==> flow/design.v <==
module cpu_cmp_n (i_clk, i_rst, clk_en, in_arg0, in_arg1, out_is_lt, out_same, out_above);
   parameter BITS = 28;
   input i_clk;
   input i_rst;
   input clk_en;
   input [BITS-1:0] in_arg0;
   input [BITS-1:0] in_arg1;
   output out_is_lt;
   output out_same;
   output out_above;
   reg [BITS-1:0] arg0_reg;
   always @(posedge i_clk) begin
      if (i_rst) begin
         arg0_reg <= 0;
      end else if (clk_en) begin
         arg0_reg <= in_arg0;
      end
   end
   reg [BITS-1:0] arg1_reg;
   always @(posedge i_clk) begin
      if (i_rst) begin
         arg1_reg <= 0;
      end else if (clk_en) begin
         arg1_reg <= in_arg1;
      end
   end
   assign out_is_lt = (arg0_reg < arg1_reg);
   assign out_same = (arg0_reg == arg1_reg);
   assign out_above = (arg0_reg > arg1_reg);
endmodule
### Step by step through the tools: cpu_cmp_n

Tool output for the design above, in the order of the flow.
Lines are those of the file above, counted from 1.
Operators: Yosys type, input widths -> output width; for muxes data width and select width s.
Cell names lack the library's common part.
Not given: --

| set-up | value |
|---|---|
| design top | cpu_cmp_n |
| clock port | i_clk |
| cell library | sky130hd |
| library corner | tt_025C_1v80 |

### Word level

Counts by Yosys on the flattened word-level netlist (proc, flatten, opt, wreduce; memories kept). Register bits leave out memories and registers merged into their read ports (data or address); mux counts leave out enables and synchronous resets folded into registers. Print and check cells are left out. Cells with the same type and inputs are merged into one.

| bit counts | value |
|---|---|
| input bits | 59 |
| elaborated cells | 5 |
| output and inout port bits | 3 |
| register bits | 56 |

| cells by class | value |
|---|---|
| magnitude comparators | 2 |
| equal/unequal tests | 1 |

Operators by type and width:

| kind | number |
|---|---|
| $gt 28x28->1 | 1 |
| $lt 28x28->1 | 1 |
| $eq 28x28->1 | 1 |

### Logic depth

Longest topological path by Yosys (ltp), each cell counted once; first at word level (registers and memories cut), then after technology mapping (sequential cells cut; the memories' decode and read muxes count).

| depth | value |
|---|---|
| depth in word-level cells | 1 |
| ABC_AREA | 0 |
| mapped depth | 7 |
| depth with buffers taken out | 7 |

### Netlist

The flow's flattened synthesis, as Yosys stat reports it; memories are mapped. The netlist is that of the ABC_AREA named above (0 if unset); the other value can give another one.
Totals and module areas in this step are rounded.

Cell types:

| cell | number | area in all (µm²) |
|---|---|---|
| dfxtp_1 | 56 | 1.12E+03 |
| mux2i_1 | 56 | 560.538 |
| ha_1 | 28 | 350.336 |
| nor2_1 | 57 | 213.955 |
| inv_1 | 28 | 105.101 |
| a21oi_1 | 9 | 45.043 |
| buf_2 | 6 | 30.029 |
| nand4_1 | 4 | 25.024 |
| clkbuf_1 | 6 | 22.522 |
| nand3_1 | 4 | 20.019 |
| and4_1 | 2 | 17.517 |
| a21o_1 | 2 | 15.014 |
| a221oi_2 | 1 | 15.014 |
| nand2_1 | 4 | 15.014 |
| and2_1 | 2 | 12.512 |
| and4_4 | 1 | 11.261 |
| a221o_1 | 1 | 10.01 |
| a221oi_1 | 1 | 8.758 |

Other cell types: 9; their cells: 9.

| synthesis totals | value |
|---|---|
| mapped cells | 277 |
| synthesis area | 2660 µm² |
| sequential part of the area | 1120 µm² |
| buffer cells | 12 |
| flip-flops | 56 |

### Worst setup path after synthesis

Source: OpenSTA report_checks on the synthesized netlist (no wires, ideal clock, input and output delay 20% of the period each), path of least setup slack; recovery checks are left aside. Register names are those of the netlist, which keeps one name where synthesis merged equal registers.

| path post-synthesis | value |
|---|---|
| path type | register -> output |
| start | register arg1_reg[21] |
| end | output port out_is_lt |
| data arrival time | 1648 ps |
| external output delay | 514 ps |
| path delay | 1648 ps |
| launch time at the first pin | 0 ps |
| setup slack | 408 ps |
| data required time | 2056 ps |
| path buffers | 0 |
| clock period | 2570 ps |
| driving pins on the path | 8 |
| period reached after synthesis | 2162 ps |

"path delay" is the arrival time less input delay plus setup time.
A path that ends at an output port has no setup time.
"driving pins on the path": output pins that drive a net of the path, with the launching flip-flop's if there is one; two outputs of one cell count as two.
"period reached after synthesis" is the clock period less the worst setup slack; recovery checks do not enter. This is arithmetic on one report: input and output delays are still those of the set period (20% each).
The rows between start and end are the longest chain of elaborated cells between them; the timing report does not say that the signal goes this way. Where chains are equally long, one stands for them.
A line is the first line of the expression or statement that the cell stems from. Yosys adds cells for indexed reads and writes and turns some case tables into memories.

| between the ends, post-synthesis | value |
|---|---|
| path through | dfxtp_1 > inv_1 > ha_1 > a21o_1 > a221o_1 > a221oi_2 > o21a_1 > and2_1 |
| length of the longest elaborated chain | 1 |
| elaborated cells between the ends (all ways) | 1 |
| source lines of those cells | 1 |
| classes of those cells | compare (1) |

RTL lines, path post-synthesis:

| item | RTL line | source |
|---|---|---|
| from (decl) | 19 | `reg [BITS-1:0] arg1_reg;` |
| from (assign) | 22 | `arg1_reg <= 0;` |
| from (assign) | 24 | `arg1_reg <= in_arg1;` |
| $lt 28x28->1 | 27 | `assign out_is_lt = (arg0_reg < arg1_reg);` |
| to (decl) | 8 | `output out_is_lt;` |

### Timing after layout

From the final timing report of run A: the path of least setup slack in the routed layout; clock arrival at registers is part of the times.
The path's times are printed in steps of 10 ps; the period is the one set.

| path after layout | value |
|---|---|
| path type | register -> output |
| start | register arg1_reg[23] |
| end | output port out_is_lt |
| data arrival time | 2180 ps |
| data required time | 1120 ps |
| external output delay | 280 ps |
| setup slack | -1060 ps |
| driving pins on the path | 10 |
| path buffers | 2 |
| launch time at the first pin | 300 ps |
| clock period | 1400 ps |

The rows between start and end are the longest chain of elaborated cells between them; the timing report does not say that the signal goes this way. Where chains are equally long, one stands for them.

| between the ends, after layout | value |
|---|---|
| path through | dfxtp_2 > inv_2 > ha_4 > and2_4 > a221o_1 > a221oi_2 > o21a_1 > buf_4 > and2_4 > buf_6 |
| length of the longest elaborated chain | 1 |
| elaborated cells between the ends (all ways) | 1 |
| source lines of those cells | 1 |
| classes of those cells | compare (1) |

RTL lines, path after layout:

| item | RTL line | source |
|---|---|---|
| from (decl) | 19 | `reg [BITS-1:0] arg1_reg;` |
| from (assign) | 22 | `arg1_reg <= 0;` |
| from (assign) | 24 | `arg1_reg <= in_arg1;` |
| $lt 28x28->1 | 27 | `assign out_is_lt = (arg0_reg < arg1_reg);` |
| to (decl) | 8 | `output out_is_lt;` |

Below are 2 stored runs of the flow (Yosys, OpenROAD; platform sky130hd) on cpu_cmp_n, each with its settings and what was measured, unordered. Constraints: input delay and output delay 20% of the set period each, output load 0.01 pF.
"period achieved" is the run's clock period less its worst setup slack. It is reckoned from that one timing run; input and output delays stay at 20% of the period that was set.
"time of the worst setup path" is the time allowed to the run's worst setup path (the clock period less input and output delay, where it has them) less its slack. Clock arrival times count: a late capture clock shortens it, a late launch clock lengthens it.
"power consumption" rests on the timing tool's default activity at the inputs, not on a simulated workload.
"time of the worst setup path" is known to 10 ps.
Measured values are rounded.
Settings: - = not set for that run.

| run | period_ns | CORE_UTILIZATION | SETUP_SLACK_MARGIN | PLACE_DENSITY | TNS_END_PERCENT | CTS_CLUSTER_DIAMETER | MAX_ROUTING_LAYER | CAP_MARGIN | CORE_MARGIN | SLEW_MARGIN | area of the synthesized netlist (µm²) | total die area (µm²) | std-cell area (final layout) (µm²) | post-route utilization (%) | worst setup slack after layout (ps) | sum of negative setup slack (ps) | worst hold slack after layout (ps) | power consumption (uW) | period achieved (ps) | time of the worst setup path (ps) | worst setup path type |
|---|---|---|---|---|---|---|---|---|---|---|---|---|---|---|---|---|---|---|---|---|---|
| run A | 1.4 | 35 | 0.35 | 0.47 | 30 | 68 | met5 | 20 | 2 | 20 | 2660 | 8310 | 3690 | 50.6 | -1060 | -2800 | 430 | 3410 | 2457 | 2180 | register -> output |
| run B | 2.57 | 40 | - | - | - | - | - | 20 | 2 | 20 | 2660 | 7320 | 3520 | 55.1 | -57 | -87 | 502 | 1820 | 2627 | 2110 | register -> output |
